==> flow/design.v <==
module dp_mem #(
  parameter DEPTH = 40,
  parameter W = 6,
  parameter NUM_RD = 3,
  parameter ADDR_W = $clog2(DEPTH)
) (
  input  wire CLK,
  input  wire clk_en,
  input  wire wr_en,
  input  wire [ADDR_W-1:0] wsel,
  input  wire [W-1:0] din,
  input  wire [NUM_RD*ADDR_W-1:0] rsel,
  output reg [NUM_RD*W-1:0] rd_data
);
  reg [DEPTH*W-1:0] ram;
  genvar k;
  generate
    for (k = 0; k < DEPTH; k = k + 1) begin : each
      always @(posedge CLK)
        if (clk_en && wr_en && wsel == k) ram[k*W +: W] <= din;
    end
  endgenerate
  reg [NUM_RD*W-1:0] work;
  integer j;
  integer i;
  always @* begin
    work = 0;
    for (j = 0; j < NUM_RD; j = j + 1) begin
      for (i = 0; i < DEPTH; i = i + 1)
        work[j*W +: W] = work[j*W +: W] | (ram[i*W +: W] & {W{rsel[j*ADDR_W +: ADDR_W] == i}});
    end
  end
  always @(posedge CLK) begin
    if (clk_en) begin
      rd_data <= work;
    end
  end
endmodule
# --- Tool chain data of dp_mem ---
# What the tools print for dp_mem, step after step.
# Lines are those of the file above, counted from 1.
# Operators carry their Yosys type and port widths (W data, S select, Z words).
# Cell names lack the library's common part.
design:
  top: "dp_mem"
  clock: "CLK"
  cell_library: "sky130hd"
  pvt_corner: "tt_025C_1v80"

# --- After elaboration ---
# Source: Yosys, flattened and elaborated, memories not mapped. Widths are those after wreduce; folded enables and synchronous resets count as part of the registers. Registers that Yosys merges into a memory's read port (data or address) are not register bits. Print and check cells do not count. Equal cells are merged and count once.
classes:
  equal: 156
  n_logic: 237
  reduce_and_logical: 45
op_table:
  columns: ["op", "n"]
  rows:
  - ["$and A6 B6 Y6", 120]
  - ["$or A6 B6 Y6", 117]
  - ["$eq A6 B5 Y1 const B", 64]
  - ["$eq A6 B4 Y1 const B", 32]
  - ["$eq A6 B6 Y1 const B", 32]
  - ["$eq A6 B3 Y1 const B", 16]
  - ["$eq A6 B2 Y1 const B", 8]
  - ["$logic_and A1 B1 Y1", 41]
  - ["$eq A6 B1 Y1 const B", 4]
  - ["$logic_not A6 Y1", 4]
word_totals:
  regBits: 258
  inputBits: 33
  output_inout_bits: 18

# --- Longest topological paths ---
# Longest topological path by Yosys (ltp), each cell counted once; first at word level (registers and memories cut), then after technology mapping (sequential cells cut; the memories' decode and read muxes count).
depth:
  depth_word: 41
  abc_area: 0
  ltp_mapped: 9
  ltp_nobuf: 6

# --- Mapped cells and area ---
# Source: synth_stat.txt of the flow (Yosys; design flattened, memories mapped). It holds for the ABC_AREA given above (unset counts as 0); a run with the other value may have another netlist.
mapped:
  mapped_cells: 1235
  mapped_area_um2: 14128.6
  sequential_area_um2: 7747.4
  ff_cells: 258
types:
  columns: ["cell_type", "n", "area_total_um2"]
  rows:
  - ["edfxtp_1", 258, 7747.43]
  - ["a22oi_1", 126, 945.907]
  - ["mux2i_1", 46, 460.442]
  - ["nor2_1", 115, 431.664]
  - ["a32oi_1", 45, 394.128]
  - ["nand3_1", 70, 350.336]
  - ["nand4_1", 49, 306.544]
  - ["nand2_1", 66, 247.738]
  - ["a221oi_1", 28, 245.235]
  - ["a22o_1", 27, 236.477]
  - ["nor3_1", 45, 225.216]
  - ["buf_2", 34, 170.163]
  - ["a21oi_1", 33, 165.158]
  - ["o21ai_0", 30, 150.144]
  - ["mux2_2", 12, 135.13]
  - ["a32o_1", 13, 130.125]
  - ["clkbuf_1", 30, 112.608]
  - ["nor4_1", 17, 106.352]
# Not listed: further types 55, cells in them 191.

# --- Timing after synthesis ---
# Path of least setup slack by OpenSTA after synthesis, without wires, with an ideal clock, recovery checks aside; 20% of the period is set as input and as output delay. Where synthesis merged equal registers, the netlist keeps one of their names.
synth_timing:
  kind: "input-to-reg"
  startpoint: "in wsel[5]"
  endpoint: "reg ram[48]"
  clock_period_ns: 2.97
  in_delay_ns: 0.594
  launch_ns: 0.594
  t_arrival_ns: 2.118
  setup_slack_ns: 0.475
  path_delay_ns: 1.901
  stages: 4
  path_buffers: 1
  synth_period_reached_ns: 2.495
# "path_delay_ns" = arrival - input delay + setup time.
# "stages": output pins that drive a net of the path, with the launching flip-flop's if there is one; two outputs of one cell count as two.
# "synth_period_reached_ns" = period - worst setup slack (recovery checks aside). The figure is calculated, with input and output delays left at 20% of the set period.
# The rows between start and end are the longest chain of elaborated cells between them; the timing report does not say that the signal goes this way. Where chains are equally long, one stands for them.
# Each line given opens the expression or statement behind the cell; cells for indexed reads and writes are added by Yosys, which also makes memories of some case tables.
synth_between:
  path_cell_list: "or3_1 > clkbuf_1 > or3b_2 > nor3_1"
  elab_chain_len: 2
  cells_between: 2
  lines_between: 1
synth_rtl:
  columns: ["item", "line_no", "text"]
  rows:
  - ["start, declared", 10, "input  wire [ADDR_W-1:0] wsel,"]
  - ["$eq A6 B4 Y1", 20, "if (clk_en && wr_en && wsel == k) ram[k*W +: W] <= din;"]
  - ["$logic_and A1 B1 Y1", 20, null]
  - ["end, assigned", 20, null]
  - ["end, declared", 15, "reg [DEPTH*W-1:0] ram;"]

# --- Path in the finished layout ---
# From the final timing report of run 1: the path of least setup slack in the routed layout; clock arrival at registers is part of the times.
layout_timing:
  kind: "input-to-reg"
  startpoint: "in rsel[0]"
  endpoint: "reg rd_data[3]"
  clock_period_ns: 2.97
  in_delay_ns: 0.59
  launch_ns: 0.59
  t_arrival_ns: 3.32
  setup_slack_ns: -0.04
  stages: 9
  path_buffers: 4
# The rows between start and end are the longest chain of elaborated cells between them; the timing report does not say that the signal goes this way. Where chains are equally long, one stands for them.
layout_between:
  path_cell_list: "clkdlybuf4s50_1 > buf_4 > buf_4 > and2_0 > buf_4 > a32oi_1 > nor3_1 > a21oi_1 > nand4_1"
  elab_chain_len: 41
  cells_between: 119
  lines_between: 1
layout_rtl:
  columns: ["item", "line_no", "text"]
  rows:
  - ["start, declared", 12, "input  wire [NUM_RD*ADDR_W-1:0] rsel,"]
  - ["$logic_not A6 Y1", 30, "work[j*W +: W] = work[j*W +: W] | (ram[i*W +: W] & {W{rsel[j*ADDR_W +: ADDR_W] == i}});"]
  - ["$and A6 B6 Y6", 30, null]
  - ["$or A6 B6 Y6 (39 in a row)", 30, null]
  - ["end, assigned", 35, "rd_data <= work;"]
  - ["end, declared", 13, "output reg [NUM_RD*W-1:0] rd_data"]

# Module dp_mem, platform sky130hd: 2 stored runs of the flow (Yosys, OpenROAD) with differing settings, in no particular order. Input and output delays are each 20% of the period that was set; the output load is 0.01 pF.
# By "period_less_ws_ns" is meant the clock period of the run minus its worst setup slack. This is arithmetic on one report: input and output delays are still those of the set period (20% each).
# By "worst_path_allowed_less_slack_ns" is meant the share of the clock period that the worst setup path is allowed (20% is reserved at inputs, 20% at outputs), minus its slack. Clock arrival times at its registers enter into it.
# By "total_power_mw" is meant OpenSTA's value without simulated activity: inputs other than the clock are taken to toggle once in ten clock periods, and the tool carries that through the logic.
runs:
  - name: "run 1"
    settings:
      period_ns: 2.97
      CAP_MARGIN: 20
      CORE_MARGIN: 2
      CORE_UTILIZATION: 40
      SLEW_MARGIN: 20
    results:
      synth_chip_area_um2: 14128.6
      final_die_area_um2: 36841.0
      utilization_pct: 53.9
      fin_ws_ns: -0.045
      total_negative_slack_ns: -0.045
      holdWs_ns: 0.726
      total_power_mw: 8.946
      period_less_ws_ns: 3.015
      worst_path_allowed_less_slack_ns: 2.42
      timing.worst_path_kind: "input-to-reg"
  - name: "run 2"
    settings:
      period_ns: 3.58
      CORE_UTILIZATION: 72
      SETUP_SLACK_MARGIN: -0.14
      PLACE_DENSITY_LB_ADDON: 0.0
      CORE_ASPECT_RATIO: 0.71
      CORE_MARGIN: 4
      CELL_PAD_IN_SITES_GLOBAL_PLACEMENT: 3
      CELL_PAD_IN_SITES_DETAIL_PLACEMENT: 0
      TNS_END_PERCENT: 55
      GPL_ROUTABILITY_DRIVEN: 1
      CTS_CLUSTER_SIZE: 66
      CTS_CLUSTER_DIAMETER: 35
      CAP_MARGIN: 10
      SLEW_MARGIN: 25
      MAX_ROUTING_LAYER: "met4"
    outcome: "no results, placement failed with FLW-0024"
